==> flow/design.v <==
module cmp_unit_p #(
  parameter int DATA_WIDTH = 32
) (
  input logic CLK,
  input logic [DATA_WIDTH-1:0] opa,
  input logic [DATA_WIDTH-1:0] opb,
  input logic [DATA_WIDTH-1:0] opc,
  output logic [DATA_WIDTH-1:0] out
);
  logic [DATA_WIDTH-1:0] out_reg;
  assign out = out_reg;
  always_ff @(posedge CLK) begin
    out_reg <= (opa < opb) ? opb : (opa > opc) ? opc : opa;
  end
endmodule
**From RTL to reports: cmp_unit_p**

What the tools print for cmp_unit_p, step after step.
Lines are those of the file above, counted from 1.
Cell names lack the library's common part.
The mark n/a stands for no value.

- Top module: cmp_unit_p
- Clock input: CLK
- Library: sky130hd
- Library corner: tt_025C_1v80

**After elaboration**

Source: Yosys, flattened and elaborated, memories not mapped. Widths are those after wreduce; folded enables and synchronous resets count as part of the registers. Registers that Yosys merges into a memory's read port (data or address) are not register bits. Print and check cells do not count. Equal cells are merged and count once.

- Bits in registers: 32
- Output and inout bits: 32
- Cells after elaboration: 5

- $lt $le $gt $ge: 2
- Muxes and demuxes: 2

Operators by type and width:

| kind | number |
|---|---|
| 32-bit 2-to-1 mux | 2 |
| 32-bit > comparator | 1 |
| 32-bit < comparator | 1 |

**Logic depth**

Depth = most cells in a row (Yosys ltp): at word level without a register or memory, in the mapped netlist without a sequential cell, where the memories' decode and read muxes count.

- Word-level depth: 3
- ABC_AREA: 1
- Gate-level depth with buffers: 18
- Gate-level depth less buffers: 17

**Netlist**

Yosys stat after the flow's synthesis: flattened, memories mapped to cells. It holds for the ABC_AREA given above (unset counts as 0); a run with the other value may have another netlist.
Totals and module areas in this step are rounded.

- Cells in the netlist: 506
- Chip area (Yosys): 0.003247 sq mm
- Sequential part of the area: 0.0006406 sq mm
- Mapped flip-flops: 32

Cells by type:

| cell | number | total area (sq um) |
|---|---|---|
| ha_1 | 63 | 788.256 |
| dfxtp_1 | 32 | 640.614 |
| nand2_1 | 153 | 574.301 |
| inv_1 | 104 | 390.374 |
| nand3_1 | 68 | 340.326 |
| a21oi_1 | 29 | 145.139 |
| nor2_1 | 12 | 45.043 |
| buf_2 | 8 | 40.038 |
| buf_4 | 4 | 30.029 |
| o21ai_0 | 5 | 25.024 |
| buf_6 | 2 | 22.522 |
| nand2_4 | 2 | 22.522 |
| o21a_1 | 3 | 22.522 |
| nand4_4 | 1 | 21.27 |
| nand4_1 | 3 | 18.768 |
| nor2_2 | 3 | 18.768 |
| nor3_4 | 1 | 16.266 |
| nand2_2 | 2 | 12.512 |

Other cell types: 9; their cells: 11.

**Timing after synthesis**

Path of least setup slack by OpenSTA after synthesis, without wires, with an ideal clock, recovery checks aside; 20% of the period is set as input and as output delay. Where synthesis merged equal registers, the netlist keeps one of their names.

- Path type: input-to-reg
- From: input port opc[19]
- To: register out_reg[21]
- Period: 2.75 ns
- External input delay: 0.550 ns
- Setup time: 0.113 ns
- Launch time at the first pin: 0.550 ns
- Arrival: 1.857 ns
- Data required time: 2.637 ns
- Path slack: 0.780 ns
- Delay of the path: 1.420 ns
- Driving pins on the path: 15
- Path buffers: 1
- Period reached after synthesis: 1.97 ns

"delay of the path" is the arrival time less input delay plus setup time.
"driving pins on the path" counts driving pins, that of a launching flip-flop among them; a cell with two outputs on the path counts twice.
"period reached after synthesis" is the clock period less the worst setup slack; recovery checks do not enter. This is arithmetic on one report: input and output delays are still those of the set period (20% each).
The rows between start and end are the longest chain of elaborated cells between them; the timing report does not say that the signal goes this way. Where chains are equally long, one stands for them.
Each line given opens the expression or statement behind the cell; cells for indexed reads and writes are added by Yosys, which also makes memories of some case tables.

- Cells stage by stage: inv_1 > ha_1 > nand2_1 > inv_2 > nand2_1 > nand2_1 > nand2_1 > nand3_1 > a21oi_1 > nand2_4 > nand2_4 > buf_4 > nand2_1 > nand3_1 > nand2_1
- Cells in the longest elaborated chain: 3
- Elaborated cells on any way between the ends: 3
- RTL lines with such cells: 1
- Classes of those cells: compare (1); mux (2)

Ends and longest elaborated chain, after synthesis:

| item | line | RTL |
|---|---|---|
| start, declared | 7 | `input logic [DATA_WIDTH-1:0] opc,` |
| 32-bit > comparator | 13 | `out_reg <= (opa < opb) ? opb : (opa > opc) ? opc : opa;` |
| 32-bit 2-to-1 mux x2 | 13 |  |
| end, assigned | 13 |  |
| end, declared | 10 | `logic [DATA_WIDTH-1:0] out_reg;` |

**Timing after layout**

From the final timing report of entry A: the path of least setup slack in the routed layout; clock arrival at registers is part of the times.

- Path type: input-to-reg
- From: input port opa[28]
- To: register out_reg[31]
- Period: 1.93 ns
- External input delay: 0.39 ns
- Setup time: 0.10 ns
- Launch time at the first pin: 0.39 ns
- Arrival: 2.07 ns
- Data required time: 2.11 ns
- Path slack: 0.04 ns
- Driving pins on the path: 13
- Path buffers: 3

The rows between start and end are the longest chain of elaborated cells between them; the timing report does not say that the signal goes this way. Where chains are equally long, one stands for them.

- Cells stage by stage: clkdlybuf4s15_1 > ha_1 > nand2_2 > nor2_4 > nand2_4 > nor2_4 > nand4_4 > nand2_8 > buf_12 > buf_16 > nand2_1 > nand3_1 > nand2_1
- Cells in the longest elaborated chain: 3
- Elaborated cells on any way between the ends: 4
- RTL lines with such cells: 1
- Classes of those cells: compare (2); mux (2)

Ends and longest elaborated chain, after layout:

| item | line | RTL |
|---|---|---|
| start, declared | 5 | `input logic [DATA_WIDTH-1:0] opa,` |
| 32-bit > comparator | 13 | `out_reg <= (opa < opb) ? opb : (opa > opc) ? opc : opa;` |
| 32-bit 2-to-1 mux x2 | 13 |  |
| end, assigned | 13 |  |
| end, declared | 10 | `logic [DATA_WIDTH-1:0] out_reg;` |

FLOW RESULTS
============

Record of 3 stored runs of the RTL-to-layout flow on cmp_unit_p, platform sky130hd. The runs are unordered. Constraints: input delay and output delay 20% of the set period each, output load 0.01 pF.
By "clock period reached" is meant the clock period of the run minus its worst setup slack. This is arithmetic on one report: input and output delays are still those of the set period (20% each).
"critical path time" means the part of the period allowed to the worst setup path (the constraints hold back 20% at inputs and 20% at outputs) less its slack; where the path has registers, the arrival times of their clocks count too.
"power consumption" rests on the timing tool's default activity at the inputs, not on a simulated workload.
The results are shown rounded.
Among the settings, - means not set for that run.

| item | entry A | entry B | entry C |
|---|---|---|---|
| period_ns | 1.93 | 2.75 | 2.99 |
| CORE_UTILIZATION | 16 | 40 | 39 |
| PLACE_DENSITY_LB_ADDON | 0.02 | - | 0.29 |
| CELL_PAD_IN_SITES_GLOBAL_PLACEMENT | 3 | - | 0 |
| CELL_PAD_IN_SITES_DETAIL_PLACEMENT | 0 | - | - |
| TNS_END_PERCENT | 20 | - | - |
| ABC_AREA | 1 | - | - |
| GPL_ROUTABILITY_DRIVEN | 0 | - | - |
| MIN_ROUTING_LAYER | met1 | - | met1 |
| CAP_MARGIN | 20 | 20 | 5 |
| CORE_MARGIN | 2 | 2 | 2 |
| SLEW_MARGIN | 20 | 20 | 20 |
| SETUP_SLACK_MARGIN | - | - | 0.34 |
| CTS_CLUSTER_DIAMETER | - | - | 49 |
| MAX_ROUTING_LAYER | - | - | met4 |
| cell area after synthesis (sq mm) | 0.003247 | 0.003264 | 0.003264 |
| power consumption (mW) | 3.393 | 1.850 | 1.867 |
| final design utilization (%) | 32.5 | 64.5 | 70.3 |
| setup slack of the worst path (ns) | 0.043 | 0.087 | 0.323 |
| clock period reached (ns) | 1.887 | 2.663 | 2.667 |
| total negative setup slack (ns) | 0.000 | 0.000 | 0.000 |
| worst hold slack in the final report (ns) | 0.322 | 0.887 | 0.650 |
| die outline area (sq mm) | 0.02145 | 0.008899 | 0.009118 |
| std-cell area (final layout) (sq mm) | 0.006531 | 0.005034 | 0.005746 |
| critical path time (ns) | 1.50 | 2.11 | 2.07 |
| critical path kind | input-to-reg | input-to-reg | input-to-reg |
